==> flow/design.v <==
module reg_word #(parameter N = 8) (
  input wire clk,
  input wire en,
  input wire [N-1:0] d,
  output reg [N-1:0] q
);
  always @(posedge clk)
    if (en) q <= d;
endmodule
module dp_reg_file_v2 #(
  parameter ENTRIES = 10,
  parameter DATA_W = 12,
  parameter N_READ = 2,
  parameter ADDR_W = $clog2(ENTRIES)
) (
  input  wire aclk,
  input  wire wr_i,
  input  wire [ADDR_W-1:0] wr_idx_i,
  input  wire [DATA_W-1:0] write_data_i,
  input  wire [N_READ*ADDR_W-1:0] rsel_i,
  output wire [N_READ*DATA_W-1:0] dout_o
);
  reg wr_ff;
  reg [ADDR_W-1:0] wr_idx_ff;
  reg [DATA_W-1:0] write_data_ff;
  always @(posedge aclk) begin
    wr_ff <= wr_i;
    wr_idx_ff <= wr_idx_i;
    write_data_ff <= write_data_i;
  end
  wire [ENTRIES*DATA_W-1:0] mem;
  genvar k;
  generate
    for (k = 0; k < ENTRIES; k = k + 1) begin : lane
      reg_word #(.N(DATA_W)) u (.clk(aclk), .en(wr_ff && wr_idx_ff == k), .d(write_data_ff), .q(mem[k*DATA_W +: DATA_W]));
    end
  endgenerate
  reg [N_READ*ADDR_W-1:0] rsel_ff;
  always @(posedge aclk) begin
    rsel_ff <= rsel_i;
  end
  wire [N_READ*DATA_W-1:0] nxt;
  genvar gj;
  generate
    for (gj = 0; gj < N_READ; gj = gj + 1) begin : g_bit
      assign nxt[gj*DATA_W +: DATA_W] = mem[rsel_ff[gj*ADDR_W +: ADDR_W]*DATA_W +: DATA_W];
    end
  endgenerate
  reg [N_READ*DATA_W-1:0] dout_ff;
  always @(posedge aclk) begin
    dout_ff <= nxt;
  end
  assign dout_o = dout_ff;
endmodule
Reports on dp_reg_file_v2
A sweep over "N_READ": the same steps for each member of the family.
The file above is the member N_READ = 2. Line numbers count from 1 in each member's own file.
Operators: Yosys type, input widths -> output width; for muxes data width and select width s.
Library cell names are shortened.
{ "setup": {"design": "dp_reg_file_v2", "clk_port": "aclk", "lib": "sky130hd", "lib_corner": "tt_025C_1v80"} }

Source of the members
Lines of each other member's file that are new or changed against the file above; lines that a member lacks are not shown.
{ "src_changes": {"columns": ["N_READ", "line", "source"], "rows": [
  [3, 13, "parameter N_READ = 3,"],
  [8, 13, "parameter N_READ = 8,"]
]} }

Elaborated design
Source: Yosys, flattened and elaborated, memories not mapped. Widths are those after wreduce; folded enables and synchronous resets count as part of the registers. Registers that Yosys merges into a memory's read port (data or address) are not register bits. Print and check cells do not count. Equal cells are merged and count once.
{ "word_totals": {"columns": ["N_READ", "register_bits", "in_bits", "output_inout_bits"], "rows": [
  [2, 169, 26, 24],
  [3, 185, 30, 36],
  [8, 265, 50, 96]
]} }
{ "classes": {"columns": ["N_READ", "mul", "n_eq", "shifts", "reduce_logical"], "rows": [
  [2, 2, 9, 2, 11],
  [3, 3, 9, 3, 11],
  [8, 8, 9, 8, 11]
]} }
{ "ops": {"columns": ["N_READ", "op_list"], "rows": [
  [2, "$shiftx 120x9->12 (2); $mul 4x2->6 const B (2); $eq 4x3->1 const B (4); $logic_and 1x1->1 (10); $eq 4x2->1 const B (2); $eq 4x4->1 const B (2); $eq 4x1->1 const B (1); $logic_not 4->1 (1)"],
  [3, "$shiftx 120x9->12 (3); $mul 4x2->6 const B (3); $eq 4x3->1 const B (4); $logic_and 1x1->1 (10); $eq 4x2->1 const B (2); $eq 4x4->1 const B (2); $eq 4x1->1 const B (1); $logic_not 4->1 (1)"],
  [8, "$shiftx 120x9->12 (8); $mul 4x2->6 const B (8); $eq 4x3->1 const B (4); $logic_and 1x1->1 (10); $eq 4x2->1 const B (2); $eq 4x4->1 const B (2); $eq 4x1->1 const B (1); $logic_not 4->1 (1)"]
]} }

Longest topological paths
Depth = most cells in a row (Yosys ltp): at word level without a register or memory, in the mapped netlist without a sequential cell, where the memories' decode and read muxes count.
{ "logic_depth": {"columns": ["N_READ", "word_depth", "abc_area", "mapped_depth", "mapped_depth_nobuf"], "rows": [
  [2, 2, 0, 5, 3],
  [3, 2, 0, 5, 3],
  [8, 2, 0, 5, 3]
]} }

Mapped cells and area
The flow's flattened synthesis, as Yosys stat reports it; memories are mapped. The netlist is that of the ABC_AREA named above (0 if unset); the other value can give another one.
{ "mapped": {"columns": ["N_READ", "cells", "area_um2", "flip_flops"], "rows": [
  [2, 405, 6776.5, 169],
  [3, 531, 8152.8, 185],
  [8, 1161, 14958.1, 265]
]} }
{ "by_type": {"columns": ["N_READ", "cell_types"], "rows": [
  [2, "edfxtp_1 (120); dfxtp_1 (49); mux2_2 (72); mux4_2 (14); mux4_1 (10); o31ai_1 (22); o22ai_1 (24); nor2_1 (31); nand2_1 (27); buf_2 (11); buf_6 (4); buf_12 (2); nand2b_1 (4); o31ai_2 (2); buf_4 (2); nand3b_1 (2); nor3_1 (3); nor3b_1 (2); [+4]"],
  [3, "edfxtp_1 (120); dfxtp_1 (65); mux2_2 (108); mux4_2 (21); mux4_1 (15); o31ai_1 (33); o22ai_1 (36); nor2_1 (43); nand2_1 (40); buf_2 (17); buf_6 (6); buf_12 (3); o31ai_2 (3); nand2b_1 (5); buf_4 (3); nor3b_1 (3); clkbuf_1 (4); nand3b_1 (2); [+4]"],
  [8, "edfxtp_1 (120); mux2_2 (288); dfxtp_1 (145); mux4_2 (62); mux4_1 (34); o31ai_1 (93); o22ai_1 (96); nand2_1 (105); nor2_1 (103); buf_2 (44); buf_6 (14); buf_12 (6); nand2b_1 (10); buf_4 (8); nor3b_1 (8); clkbuf_1 (14); o31ai_2 (3); buf_8 (2); [+6]"]
]} }
The mark [+n] counts cells that are not listed.
By module: a second synthesis without flattening, with its own total; a netlist apart from the flattened one above.
{ "unflattened": {"columns": ["N_READ", "cells_unflattened", "area_unflattened_um2"], "rows": [
  [2, 405, 6776.5],
  [3, 531, 8147.8],
  [8, 1161, 14963.1]
]} }

Worst setup path after synthesis
Source: OpenSTA report_checks on the synthesized netlist (no wires, ideal clock, input and output delay 20% of the period each), path of least setup slack; recovery checks are left aside. Register names are those of the netlist, which keeps one name where synthesis merged equal registers.
{ "synth_timing": {"columns": ["N_READ", "path_type", "startpoint", "endpoint", "clock_period_ns", "path_slack_ns", "stages", "path_delay_ns", "synth_period_reached_ns"], "rows": [
  [2, "reg-to-reg", "register wr_ff", "register lane[0].u.q[0]", 2.6, 0.522, 3, 2.078, 2.078],
  [3, "reg-to-reg", "register wr_ff", "register lane[0].u.q[0]", 2.6, 0.522, 3, 2.078, 2.078],
  [8, "reg-to-reg", "register wr_ff", "register lane[0].u.q[0]", 2.6, 0.522, 3, 2.078, 2.078]
]} }
"path_delay_ns" is the arrival time less input delay plus setup time.
"stages": output pins that drive a net of the path, with the launching flip-flop's if there is one; two outputs of one cell count as two.
"synth_period_reached_ns" is the clock period less the worst setup slack; recovery checks do not enter. This is arithmetic on one report: input and output delays are still those of the set period (20% each).
Between the ends stands the longest chain of elaborated cells between them, by number of cells; it is not shown to be the way that was timed. Of several equally long chains one is given.
Each line given opens the expression or statement behind the cell; cells for indexed reads and writes are added by Yosys, which also makes memories of some case tables.
{ "synth_between_N_READ_2": {"elab_chain_len": 1} }
{ "synth_lines_N_READ_2": {"columns": ["item", "line", "source"], "rows": [
  ["start, declared", 23, "reg wr_ff;"],
  ["start, assigned", 27, "wr_ff <= wr_i;"],
  ["$logic_and 1x1->1", 35, "reg_word #(.N(DATA_W)) u (.clk(aclk), .en(wr_ff && wr_idx_ff == k), .d(write_data_ff), .q(mem[k*DATA_W +: DATA ..."],
  ["end, assigned", 8, "if (en) q <= d;"],
  ["end, declared", 5, "output reg [N-1:0] q"]
]} }
{ "synth_between_N_READ_8": {"elab_chain_len": 1} }
{ "synth_lines_N_READ_8": {"columns": ["item", "line", "source"], "rows": [
  ["start, declared", 23, "reg wr_ff;"],
  ["start, assigned", 27, "wr_ff <= wr_i;"],
  ["$logic_and 1x1->1", 35, "reg_word #(.N(DATA_W)) u (.clk(aclk), .en(wr_ff && wr_idx_ff == k), .d(write_data_ff), .q(mem[k*DATA_W +: DATA ..."],
  ["end, assigned", 8, "if (en) q <= d;"],
  ["end, declared", 5, "output reg [N-1:0] q"]
]} }

Path in the finished layout
Path of least setup slack in the final report of the run of each member (OpenROAD, finished layout, wires in). Where an end is a register, its clock arrival counts in the times.
{ "layout_timing": {"columns": ["N_READ", "path_type", "startpoint", "endpoint", "clock_period_ns", "path_slack_ns", "stages", "arrival_time_ns"], "rows": [
  [2, "reg-to-reg", "register rsel_ff[0]", "register dout_ff[4]", 2.6, 0.72, 5, 2.18],
  [3, "reg-to-reg", "register rsel_ff[5]", "register dout_ff[15]", 2.6, 0.65, 5, 2.27],
  [8, "reg-to-output", "register dout_ff[35]", "output dout_o[35]", 2.6, 0.50, 2, 1.58]
]} }

Layout results
One run of the flow (Yosys, OpenROAD) for each member, with settings and measured results. Input and output delays are each 20% of the period that was set; the output load is 0.01 pF.
{ "settings": {"period_ns": 2.6, "CAP_MARGIN": 20, "CORE_MARGIN": 2, "CORE_UTILIZATION": 40, "SLEW_MARGIN": 20} }
{ "measured": {"columns": ["N_READ", "synth_chip_area_um2", "die_area_um2", "stdcell_area_um2", "worst_setup_slack_ns", "setup_tns_ns", "ws_hold_ns", "totalPower_uw", "clock_period_reached_ns"], "rows": [
  [2, 6776.5, 17998.9, 8251.7, 0.724, 0.000, 0.533, 6173, 1.876],
  [3, 8152.8, 21540.0, 9810.7, 0.651, 0.000, 0.519, 6541, 1.949],
  [8, 14958.1, 38958.9, 17909.7, 0.505, 0.000, 0.376, 10688, 2.095]
]} }
"clock_period_reached_ns": clock period set for the run, less the worst setup slack. It is reckoned from that one timing run; input and output delays stay at 20% of the period that was set.
"totalPower_uw" is the tool's figure for a default switching activity; nothing was simulated.
